==> flow/design.v <==
module dp_adder_rtl #(
    parameter WIDTH = 24
) (
    input wire i_clk,
    input wire i_rst_n,
    input wire [WIDTH-1:0] first_in,
    input wire [WIDTH-1:0] second_in,
    output wire [WIDTH:0] out_out
);
    reg [WIDTH:0] out_r;
    always @(posedge i_clk or negedge i_rst_n) begin
        if (~i_rst_n) begin
            out_r <= 0;
        end else begin
            out_r <= first_in + second_in;
        end
    end
    assign out_out = out_r;
endmodule
### Step by step through the tools: dp_adder_rtl

Tool output for the design above, in the order of the flow.
Lines are those of the file above, counted from 1.
Operators: Yosys type, input widths -> output width; for muxes data width and select width s.
Library cell names are shortened.
A cell with n/a has no value.

* top module: dp_adder_rtl
* clock: i_clk
* library: sky130hd
* corner: tt_025C_1v80

### Elaborated design

Yosys after proc, flatten, opt, wreduce and memory -nomap, before mapping. Enables and synchronous resets that opt folds into registers are not counted as muxes. Memory bits, and registers merged into a memory's read port (data or address), are not among the register bits. Print and check cells are not counted. Equal cells are merged and count once.

* flip-flop bits (word level): 25
* bits of input ports: 50
* output and inout port bits: 25
* elaborated cells: 2

* add/subtract/negate cells: 1

Operators with widths (number)
* $add 24x24->25: 1

### Longest topological paths

Depth = most cells in a row (Yosys ltp): at word level without a register or memory, in the mapped netlist without a sequential cell, where the memories' decode and read muxes count.

* depth after elaboration: 1
* ABC_AREA: 0
* depth in mapped cells: 8
* mapped depth without buffers: 8

### Netlist

Yosys stat after the flow's synthesis: flattened, memories mapped to cells. It holds for the ABC_AREA given above (unset counts as 0); a run with the other value may have another netlist.
Totals and module areas in this step are rounded.

Cell types
* dfrtp_1: number 25, total area 625.6 µm²
* ha_1: number 24, total area 300.288 µm²
* a21oi_1: number 22, total area 110.106 µm²
* xnor2_1: number 11, total area 96.342 µm²
* xor2_1: number 7, total area 61.309 µm²
* nand2_1: number 14, total area 52.55 µm²
* nor2_1: number 12, total area 45.043 µm²
* o21ai_0: number 9, total area 45.043 µm²
* a21o_1: number 5, total area 37.536 µm²
* a211oi_1: number 4, total area 30.029 µm²
* o21ai_1: number 6, total area 30.029 µm²
* and3_1: number 4, total area 25.024 µm²
* nand3_1: number 5, total area 25.024 µm²
* inv_1: number 6, total area 22.522 µm²
* o211ai_1: number 3, total area 22.522 µm²
* o21bai_1: number 3, total area 22.522 µm²
* fa_1: number 1, total area 20.019 µm²
* nor3b_4: number 1, total area 18.768 µm²

Other cell types: 29; their cells: 34.

* mapped cells: 196
* synthesis area: 1890 µm²
* area of sequential cells: 626 µm²
* flip-flops: 25
* buffer cells: 2

### Path before layout

Source: OpenSTA report_checks on the synthesized netlist (no wires, ideal clock, input and output delay 20% of the period each), path of least setup slack; recovery checks are left aside. Register names are those of the netlist, which keeps one name where synthesis merged equal registers.

* path kind: input-to-reg
* start point: input port first_in[0]
* end point: register out_r[22]
* clock period: 2900 ps
* input delay: 580 ps
* library setup time: 96 ps
* launch time at the first pin: 580 ps
* arrival: 2337 ps
* required time: 2804 ps
* setup slack: 467 ps
* delay of the path: 1853 ps
* driving pins on the path: 8
* path buffers: 0
* synthesis period reached: 2433 ps

"delay of the path" is the arrival time less input delay plus setup time.
"driving pins on the path" counts driving pins, that of a launching flip-flop among them; a cell with two outputs on the path counts twice.
"synthesis period reached" is the clock period less the worst setup slack; recovery checks do not enter. This is arithmetic on one report: input and output delays are still those of the set period (20% each).
Between the ends stands the longest chain of elaborated cells between them, by number of cells; it is not shown to be the way that was timed. Of several equally long chains one is given.
Each line given opens the expression or statement behind the cell; cells for indexed reads and writes are added by Yosys, which also makes memories of some case tables.

* path through: ha_1 fa_1 a21o_1 a221oi_2 o21ai_1 nor3b_4 o21a_2 a311oi_2
* length of the longest elaborated chain: 1
* elaborated cells on any way between the ends: 1
* source lines of those cells: 1
* those cells by class: add/sub (1)

RTL lines, path post-synthesis
* start, declared: RTL line 6 `input wire [WIDTH-1:0] first_in,`
* $add 24x24->25: RTL line 15 `out_r <= first_in + second_in;`
* end, assigned: RTL line 13 `out_r <= 0;`
* end, assigned: RTL line 15
* end, declared: RTL line 10 `reg [WIDTH:0] out_r;`

### Path in the finished layout

From the final timing report of run B: the path of least setup slack in the routed layout; clock arrival at registers is part of the times.
The report prints the path's times to 10 ps; the period is as set.

* path kind: input-to-reg
* start point: input port first_in[0]
* end point: register out_r[22]
* clock period: 2900 ps
* input delay: 580 ps
* library setup time: 80 ps
* launch time at the first pin: 580 ps
* arrival: 2820 ps
* required time: 3090 ps
* setup slack: 270 ps
* driving pins on the path: 9
* path buffers: 1

Between the ends stands the longest chain of elaborated cells between them, by number of cells; it is not shown to be the way that was timed. Of several equally long chains one is given.

* path through: clkdlybuf4s50_1 ha_1 fa_1 a21o_1 a221oi_2 o21ai_1 nor3b_4 o21a_2 a311oi_2
* length of the longest elaborated chain: 1
* elaborated cells on any way between the ends: 1
* source lines of those cells: 1
* those cells by class: add/sub (1)

RTL lines, path post-layout
* start, declared: RTL line 6 `input wire [WIDTH-1:0] first_in,`
* $add 24x24->25: RTL line 15 `out_r <= first_in + second_in;`
* end, assigned: RTL line 13 `out_r <= 0;`
* end, assigned: RTL line 15
* end, declared: RTL line 10 `reg [WIDTH:0] out_r;`

Add stored flow runs of dp_adder_rtl

Measured data: module dp_adder_rtl, platform sky130hd, 3 stored runs of the flow under differing settings, order arbitrary. Input and output delays are each 20% of the period that was set; the output load is 0.01 pF.
"period achieved": clock period set for the run, less the worst setup slack. It is reckoned from that one timing run; input and output delays stay at 20% of the period that was set.
"time on the worst setup path": the worst setup path's part of the clock period (all of it between registers, 20% less for each end at a port) less its slack. A launch clock that arrives late makes it longer, a capture clock that arrives late makes it shorter.
"power consumption": no workload was simulated; the value follows from the tool's default switching activity.
"time on the worst setup path" is known to 10 ps.
The measured numbers are rounded.

### Run A

Settings: `period_ns=2.12`, `CORE_UTILIZATION=49`, `SETUP_SLACK_MARGIN=0.16`, `PLACE_DENSITY_LB_ADDON=0.14`, `CORE_ASPECT_RATIO=0.81`, `CELL_PAD_IN_SITES_GLOBAL_PLACEMENT=1`, `TNS_END_PERCENT=40`, `ABC_AREA=1`, `CTS_CLUSTER_DIAMETER=319`, `CAP_MARGIN=5`, `MIN_ROUTING_LAYER=met2`, `MAX_ROUTING_LAYER=met4`, `CORE_MARGIN=2`, `SLEW_MARGIN=20`

Did not finish, placement stopped with FLW-0024.

### Run B

Settings: `period_ns=2.9`, `CAP_MARGIN=20`, `CORE_MARGIN=2`, `CORE_UTILIZATION=40`, `SLEW_MARGIN=20`

- Power consumption: 1.24 mW
- Worst setup slack after layout: 270 ps
- Summed negative setup slack: 0 ps
- Standard-cell area after layout: 2830 µm²
- Overall die area: 5280 µm²
- Cell area after synthesis: 1890 µm²
- Period achieved: 2630 ps
- Time on the worst setup path: 2050 ps
- Worst setup path kind: input-to-reg
- Utilization: 63.6 %

### Run C

Settings: `period_ns=1.57`, `CORE_UTILIZATION=72`, `CORE_ASPECT_RATIO=0.76`, `CORE_MARGIN=6`, `CELL_PAD_IN_SITES_DETAIL_PLACEMENT=1`, `CTS_CLUSTER_DIAMETER=329`, `MIN_ROUTING_LAYER=met2`, `CAP_MARGIN=20`, `SLEW_MARGIN=20`

Did not finish, placement stopped with GPL-0301.
